==> flow/design.v <==
module dp_mplex #(
   parameter int DATA_WIDTH = 2
) (
   input logic aclk,
   input logic resetn,
   input logic [DATA_WIDTH-1:0] src0,
   input logic [DATA_WIDTH-1:0] src1,
   input logic [DATA_WIDTH-1:0] src2,
   input logic [DATA_WIDTH-1:0] src3,
   input logic [2:0] s,
   output logic [DATA_WIDTH-1:0] data_out
);
   logic [DATA_WIDTH-1:0] src0_r;
   logic [DATA_WIDTH-1:0] src1_r;
   logic [DATA_WIDTH-1:0] src2_r;
   logic [DATA_WIDTH-1:0] src3_r;
   logic [2:0] s_r;
   always_ff @(posedge aclk) begin
      if (~resetn) begin
         src0_r <= 0;
         src1_r <= 0;
         src2_r <= 0;
         src3_r <= 0;
         s_r <= 0;
      end else begin
         src0_r <= src0;
         src1_r <= src1;
         src2_r <= src2;
         src3_r <= src3;
         s_r <= s;
      end
   end
   logic [DATA_WIDTH-1:0] work;
   always_comb begin
      casez (s_r)
         3'b??1: work = src0_r;
         3'b?10: work = src1_r;
         3'b100: work = src2_r;
         default: work = src3_r;
      endcase
   end
   always_ff @(posedge aclk) begin
      if (~resetn) begin
         data_out <= 0;
      end else begin
         data_out <= work;
      end
   end
endmodule
; ---- Step by step through the tools: dp_mplex
; A sweep over "inputs": the same steps for each member of the family.
; The RTL above is that of inputs=4; lines are counted from 1 in the file of the member named.
; Operators: Yosys type, input widths -> output width; for muxes data width and select width s.
; Cell names lack the library's common part.
; The mark n/a stands for no value.
[inputs]
top_module = dp_mplex
clock = aclk
library = sky130hd
corner = tt_025C_1v80

; ---- Members of the sweep
; Lines of each other member's file that are new or changed against the file above; lines that a member lacks are not shown.
[src_changes]
columns = inputs, line_no
row1 = 8, 10  ; input logic [DATA_WIDTH-1:0] src4,
row2 = 8, 11  ; input logic [DATA_WIDTH-1:0] src5,
row3 = 8, 12  ; input logic [DATA_WIDTH-1:0] src6,
row4 = 8, 13  ; input logic [DATA_WIDTH-1:0] src7,
row5 = 8, 14  ; input logic [6:0] s,
row6 = 8, 21  ; logic [DATA_WIDTH-1:0] src4_r;
row7 = 8, 22  ; logic [DATA_WIDTH-1:0] src5_r;
row8 = 8, 23  ; logic [DATA_WIDTH-1:0] src6_r;
row9 = 8, 24  ; logic [DATA_WIDTH-1:0] src7_r;
row10 = 8, 25  ; logic [6:0] s_r;
row11 = 8, 32  ; src4_r <= 0;
row12 = 8, 33  ; src5_r <= 0;
row13 = 8, 34  ; src6_r <= 0;
row14 = 8, 35  ; src7_r <= 0;
row15 = 8, 42  ; src4_r <= src4;
row16 = 8, 43  ; src5_r <= src5;
row17 = 8, 44  ; src6_r <= src6;
row18 = 8, 45  ; src7_r <= src7;
row19 = 8, 52  ; 7'b??????1: work = src0_r;
row20 = 8, 53  ; 7'b?????10: work = src1_r;
row21 = 8, 54  ; 7'b????100: work = src2_r;
row22 = 8, 55  ; 7'b???1000: work = src3_r;
row23 = 8, 56  ; 7'b??10000: work = src4_r;
row24 = 8, 57  ; 7'b?100000: work = src5_r;
row25 = 8, 58  ; 7'b1000000: work = src6_r;
row26 = 8, 59  ; default: work = src7_r;
row27 = 10, 10  ; input logic [DATA_WIDTH-1:0] src4,
row28 = 10, 11  ; input logic [DATA_WIDTH-1:0] src5,
row29 = 10, 12  ; input logic [DATA_WIDTH-1:0] src6,
row30 = 10, 13  ; input logic [DATA_WIDTH-1:0] src7,
row31 = 10, 14  ; input logic [DATA_WIDTH-1:0] src8,
row32 = 10, 15  ; input logic [DATA_WIDTH-1:0] src9,
row33 = 10, 16  ; input logic [8:0] s,
row34 = 10, 23  ; logic [DATA_WIDTH-1:0] src4_r;
row35 = 10, 24  ; logic [DATA_WIDTH-1:0] src5_r;
row36 = 10, 25  ; logic [DATA_WIDTH-1:0] src6_r;
row37 = 10, 26  ; logic [DATA_WIDTH-1:0] src7_r;
row38 = 10, 27  ; logic [DATA_WIDTH-1:0] src8_r;
row39 = 10, 28  ; logic [DATA_WIDTH-1:0] src9_r;
row40 = 10, 29  ; logic [8:0] s_r;
row41 = 10, 36  ; src4_r <= 0;
row42 = 10, 37  ; src5_r <= 0;
row43 = 10, 38  ; src6_r <= 0;
row44 = 10, 39  ; src7_r <= 0;
row45 = 10, 40  ; src8_r <= 0;
row46 = 10, 41  ; src9_r <= 0;
row47 = 10, 48  ; src4_r <= src4;
row48 = 10, 49  ; src5_r <= src5;
row49 = 10, 50  ; src6_r <= src6;
row50 = 10, 51  ; src7_r <= src7;
row51 = 10, 52  ; src8_r <= src8;
row52 = 10, 53  ; src9_r <= src9;
row53 = 10, 60  ; 9'b????????1: work = src0_r;
row54 = 10, 61  ; 9'b???????10: work = src1_r;
row55 = 10, 62  ; 9'b??????100: work = src2_r;
row56 = 10, 63  ; 9'b?????1000: work = src3_r;
row57 = 10, 64  ; 9'b????10000: work = src4_r;
row58 = 10, 65  ; 9'b???100000: work = src5_r;
row59 = 10, 66  ; 9'b??1000000: work = src6_r;
row60 = 10, 67  ; 9'b?10000000: work = src7_r;
row61 = 10, 68  ; 9'b100000000: work = src8_r;
row62 = 10, 69  ; default: work = src9_r;
row63 = 16, 10  ; input logic [DATA_WIDTH-1:0] src4,
row64 = 16, 11  ; input logic [DATA_WIDTH-1:0] src5,
row65 = 16, 12  ; input logic [DATA_WIDTH-1:0] src6,
row66 = 16, 13  ; input logic [DATA_WIDTH-1:0] src7,
row67 = 16, 14  ; input logic [DATA_WIDTH-1:0] src8,
row68 = 16, 15  ; input logic [DATA_WIDTH-1:0] src9,
row69 = 16, 16  ; input logic [DATA_WIDTH-1:0] src10,
row70 = 16, 17  ; input logic [DATA_WIDTH-1:0] src11,
row71 = 16, 18  ; input logic [DATA_WIDTH-1:0] src12,
row72 = 16, 19  ; input logic [DATA_WIDTH-1:0] src13,
row73 = 16, 20  ; input logic [DATA_WIDTH-1:0] src14,
row74 = 16, 21  ; input logic [DATA_WIDTH-1:0] src15,
row75 = 16, 22  ; input logic [14:0] s,
row76 = 16, 29  ; logic [DATA_WIDTH-1:0] src4_r;
row77 = 16, 30  ; logic [DATA_WIDTH-1:0] src5_r;
row78 = 16, 31  ; logic [DATA_WIDTH-1:0] src6_r;
row79 = 16, 32  ; logic [DATA_WIDTH-1:0] src7_r;
row80 = 16, 33  ; logic [DATA_WIDTH-1:0] src8_r;
row81 = 16, 34  ; logic [DATA_WIDTH-1:0] src9_r;
row82 = 16, 35  ; logic [DATA_WIDTH-1:0] src10_r;
row83 = 16, 36  ; logic [DATA_WIDTH-1:0] src11_r;
row84 = 16, 37  ; logic [DATA_WIDTH-1:0] src12_r;
row85 = 16, 38  ; logic [DATA_WIDTH-1:0] src13_r;
row86 = 16, 39  ; logic [DATA_WIDTH-1:0] src14_r;
row87 = 16, 40  ; logic [DATA_WIDTH-1:0] src15_r;
row88 = 16, 41  ; logic [14:0] s_r;
row89 = 16, 48  ; src4_r <= 0;
row90 = 16, 49  ; src5_r <= 0;
row91 = 16, 50  ; src6_r <= 0;
row92 = 16, 51  ; src7_r <= 0;
row93 = 16, 52  ; src8_r <= 0;
row94 = 16, 53  ; src9_r <= 0;
row95 = 16, 54  ; src10_r <= 0;
row96 = 16, 55  ; src11_r <= 0;
row97 = 16, 56  ; src12_r <= 0;
row98 = 16, 57  ; src13_r <= 0;
row99 = 16, 58  ; src14_r <= 0;
row100 = 16, 59  ; src15_r <= 0;
row101 = 16, 66  ; src4_r <= src4;
row102 = 16, 67  ; src5_r <= src5;
row103 = 16, 68  ; src6_r <= src6;
row104 = 16, 69  ; src7_r <= src7;
row105 = 16, 70  ; src8_r <= src8;
row106 = 16, 71  ; src9_r <= src9;
row107 = 16, 72  ; src10_r <= src10;
row108 = 16, 73  ; src11_r <= src11;
row109 = 16, 74  ; src12_r <= src12;
row110 = 16, 75  ; src13_r <= src13;
row111 = 16, 76  ; src14_r <= src14;
row112 = 16, 77  ; src15_r <= src15;
row113 = 16, 84  ; 15'b??????????????1: work = src0_r;
row114 = 16, 85  ; 15'b?????????????10: work = src1_r;
row115 = 16, 86  ; 15'b????????????100: work = src2_r;
row116 = 16, 87  ; 15'b???????????1000: work = src3_r;
row117 = 16, 88  ; 15'b??????????10000: work = src4_r;
row118 = 16, 89  ; 15'b?????????100000: work = src5_r;
row119 = 16, 90  ; 15'b????????1000000: work = src6_r;
row120 = 16, 91  ; 15'b???????10000000: work = src7_r;
row121 = 16, 92  ; 15'b??????100000000: work = src8_r;
row122 = 16, 93  ; 15'b?????1000000000: work = src9_r;
row123 = 16, 94  ; 15'b????10000000000: work = src10_r;
row124 = 16, 95  ; 15'b???100000000000: work = src11_r;
row125 = 16, 96  ; 15'b??1000000000000: work = src12_r;
row126 = 16, 97  ; 15'b?10000000000000: work = src13_r;
row127 = 16, 98  ; 15'b100000000000000: work = src14_r;
row128 = 16, 99  ; default: work = src15_r;

; ---- After elaboration
; Source: Yosys, flattened and elaborated, memories not mapped. Widths are those after wreduce; folded enables and synchronous resets count as part of the registers. Registers that Yosys merges into a memory's read port (data or address) are not register bits. Print and check cells do not count. Equal cells are merged and count once.
[word_totals]
columns = inputs, latchBits, mem_bits_rw, input_bits, memories, output_inout_bits, mem_bits_ro, ff_bits, clocked_rd_ports_x_width
row1 = 4, 0, 0, 13, 0, 2, 0, 13, 0
row2 = 8, 0, 0, 25, 0, 2, 0, 25, 0
row3 = 10, 0, 0, 31, 0, 2, 0, 31, 0
row4 = 16, 0, 0, 49, 0, 2, 0, 49, 0
[op_classes]
columns = inputs, reduce_and_logical, bitwise, div_mod_pow, n_mux, add_sub_neg, n_shift, cmp, equal, multipliers
row1 = 4, 0, 0, 0, 1, 0, 0, 0, 2, 0
row2 = 8, 0, 0, 0, 1, 0, 0, 0, 6, 0
row3 = 10, 0, 0, 0, 1, 0, 0, 0, 8, 0
row4 = 16, 0, 0, 0, 1, 0, 0, 0, 14, 0
[ops]
columns = inputs, operators
row1 = 4, $pmux 2 s3 (1); $eq 3x3->1 const B (1); $eq 2x2->1 const B (1)
row2 = 8, $pmux 2 s7 (1); $eq 7x7->1 const B (1); $eq 6x6->1 const B (1); $eq 5x5->1 const B (1); $eq 4x4->1 const B (1); $eq 3x3->1 const B (1); $eq 2x2->1 const B (1)
row3 = 10, $pmux 2 s9 (1); $eq 9x9->1 const B (1); $eq 8x8->1 const B (1); $eq 7x7->1 const B (1); $eq 6x6->1 const B (1); $eq 5x5->1 const B (1); $eq 4x4->1 const B (1); $eq 3x3->1 const B (1); $eq 2x2->1 const B (1)
row4 = 16, $pmux 2 s15 (1); $eq 15x15->1 const B (1); $eq 14x14->1 const B (1); $eq 13x13->1 const B (1); $eq 12x12->1 const B (1); $eq 11x11->1 const B (1); $eq 10x10->1 const B (1); $eq 9x9->1 const B (1); $eq 8x8->1 const B (1); $eq 7x7->1 const B (1); $eq 6x6->1 const B (1); $eq 5x5->1 const B (1); $eq 4x4->1 const B (1); $eq 3x3->1 const B (1); $eq 2x2->1 const B (1)

; ---- Logic depth
; Depth = most cells in a row (Yosys ltp): at word level without a register or memory, in the mapped netlist without a sequential cell, where the memories' decode and read muxes count.
[depth]
columns = inputs, word_depth, ABC_AREA, depth_mapped, mapped_depth_nobuf
row1 = 4, 2, 0, 2, 2
row2 = 8, 2, 0, 4, 4
row3 = 10, 2, 0, 4, 4
row4 = 16, 2, 0, 4, 4

; ---- Synthesis result
; Yosys stat after the flow's synthesis: flattened, memories mapped to cells. It holds for the ABC_AREA given above (unset counts as 0); a run with the other value may have another netlist.
[by_type]
columns = inputs, type_list
row1 = 4, dfxtp_1 (13); and2_1 (11); mux2i_1 (2); nand4b_1 (2); o211ai_1 (2); nand3_1 (2); or3b_1 (1); buf_2 (1)
row2 = 8, dfxtp_1 (25); and2_1 (23); a21oi_1 (7); nand2_1 (5); nor3_4 (1); o21ai_0 (3); o21ai_1 (2); a32oi_1 (1); o311ai_1 (1); clkbuf_1 (2); inv_1 (2); nand3b_1 (1); nor3b_1 (1); a31oi_1 (1); nand2b_1 (1); nor2b_1 (1); nor4_1 (1); nand3_1 (1)
row3 = 10, dfxtp_1 (31); and2_1 (29); nor2b_1 (6); a221oi_1 (4); o221a_1 (2); o32ai_1 (2); a22oi_1 (2); nand2b_1 (2); clkbuf_1 (3); a21oi_1 (2); nand3_1 (2); nor3_2 (1); nand4b_1 (1); nor2b_2 (1); nor2_2 (1); or3_1 (1); nor3_1 (1); nand2_1 (1)
row4 = 16, dfxtp_1 (49); and2_1 (48); a211oi_1 (6); nand3b_1 (5); a21oi_1 (7); a221oi_2 (2); nor3b_1 (4); o21ai_1 (4); clkbuf_1 (5); inv_1 (5); nor2b_2 (2); o21ai_0 (3); a211oi_2 (1); nor4_1 (2); nor4_2 (1); nand2_1 (3); or4_4 (1); a311oi_1 (1); (+8)
; A list marked (+n) leaves out that many cells.
[mapped]
columns = inputs, yosys_area_um2, ffs, mapped_cells
row1 = 4, 405.4, 13, 34
row2 = 8, 817.0, 25, 79
row3 = 10, 1022.2, 31, 92
row4 = 16, 1670.4, 49, 157

; ---- Path before layout
; OpenSTA on the mapped netlist: ideal clock, no wires. The path of least setup slack (recovery checks aside). Input and output delay are each 20% of the period. Register names are those of the netlist, which keeps one name where synthesis merged equal registers.
[synth_path]
columns = inputs, path_type, startpoint, endpoint, tclk_ns, slack_ns, path_delay_ns, path_stages, synth_period_reached_ns
row1 = 4, reg-to-reg, register s_r[1], register data_out[1], 1.13, 0.222, 0.908, 3, 0.908
row2 = 8, reg-to-reg, register s_r[5], register data_out[1], 1.21, 0.238, 0.972, 5, 0.972
row3 = 10, reg-to-reg, register s_r[1], register data_out[0], 1.41, 0.285, 1.126, 5, 1.125
row4 = 16, reg-to-reg, register s_r[8], register data_out[1], 1.67, 0.336, 1.333, 5, 1.334
; "path_delay_ns" = arrival - input delay + setup time.
; "path_stages": output pins that drive a net of the path, with the launching flip-flop's if there is one; two outputs of one cell count as two.
; "synth_period_reached_ns" is the clock period less the worst setup slack; recovery checks do not enter. This is arithmetic on one report: input and output delays are still those of the set period (20% each).
; Between the ends stands the longest chain of elaborated cells between them, by number of cells; it is not shown to be the way that was timed. Of several equally long chains one is given.
; Each line given opens the expression or statement behind the cell; cells for indexed reads and writes are added by Yosys, which also makes memories of some case tables.
[synth_via_inputs_4]
elab_chain_len = 2
[synth_lines_inputs_4]
columns = item, line_no
row1 = from (decl), 17  ; logic [2:0] s_r;
row2 = from (assign), 24  ; s_r <= 0;
row3 = from (assign), 30  ; s_r <= s;
row4 = $eq 3x3->1, 35  ; casez (s_r)
row5 = $pmux 2 s3, 35
row6 = to (assign), 44  ; data_out <= 0;
row7 = to (assign), 46  ; data_out <= work;
row8 = to (decl), 11  ; output logic [DATA_WIDTH-1:0] data_out
[synth_via_inputs_16]
elab_chain_len = 2
[synth_lines_inputs_16]
columns = item, line_no
row1 = from (decl), 41  ; logic [14:0] s_r;
row2 = from (assign), 60  ; s_r <= 0;
row3 = from (assign), 78  ; s_r <= s;
row4 = $eq 15x15->1, 83  ; casez (s_r)
row5 = $pmux 2 s15, 83
row6 = to (assign), 104  ; data_out <= 0;
row7 = to (assign), 106  ; data_out <= work;
row8 = to (decl), 23  ; output logic [DATA_WIDTH-1:0] data_out

; ---- Worst path after layout
; Path of least setup slack in the final report of the run of each member (OpenROAD, finished layout, wires in). Where an end is a register, its clock arrival counts in the times.
[layout_path]
columns = inputs, path_type, startpoint, endpoint, path_buffers, t_arrival_ns, path_stages, tclk_ns, slack_ns
row1 = 4, reg-to-output, register data_out[0], output port data_out[0], 1, 0.84, 2, 1.13, 0.07
row2 = 8, reg-to-output, register data_out[1], output port data_out[1], 1, 0.91, 2, 1.21, 0.05
row3 = 10, reg-to-reg, register s_r[1], register data_out[0], 0, 1.50, 5, 1.41, 0.18
row4 = 16, reg-to-output, register data_out[0], output port data_out[0], 1, 1.16, 2, 1.67, 0.17

; ---- Layout results
; One run of the flow (Yosys, OpenROAD) for each member, with settings and measured results. Input and output delays are each 20% of the period that was set; the output load is 0.01 pF.
[settings]
CAP_MARGIN = 20
CORE_MARGIN = 2
CORE_UTILIZATION = 40
SLEW_MARGIN = 20
[settings_by_member]
columns = inputs, period_ns
row1 = 4, 1.13
row2 = 8, 1.21
row3 = 10, 1.41
row4 = 16, 1.67
[measured]
columns = inputs, power_uw, fin_ws_ns, stdcell_area_um2, die_footprint_um2, timing.achieved_period_ns, fin_hold_ws_ns, synth_chip_area_um2
row1 = 4, 799.2, 0.067, 583.1, 1284.2, 1.063, 0.507, 405.4
row2 = 8, 1427, 0.055, 1151.1, 2420.2, 1.155, 0.484, 817.0
row3 = 10, 1627, 0.179, 1437.6, 2975.7, 1.231, 0.519, 1022.2
row4 = 16, 2369, 0.175, 2358.5, 4708.7, 1.495, 0.521, 1670.4
; By "timing.achieved_period_ns" is meant the clock period of the run minus its worst setup slack. This is arithmetic on one report: input and output delays are still those of the set period (20% each).
; "power_uw" is the tool's figure for a default switching activity; nothing was simulated.
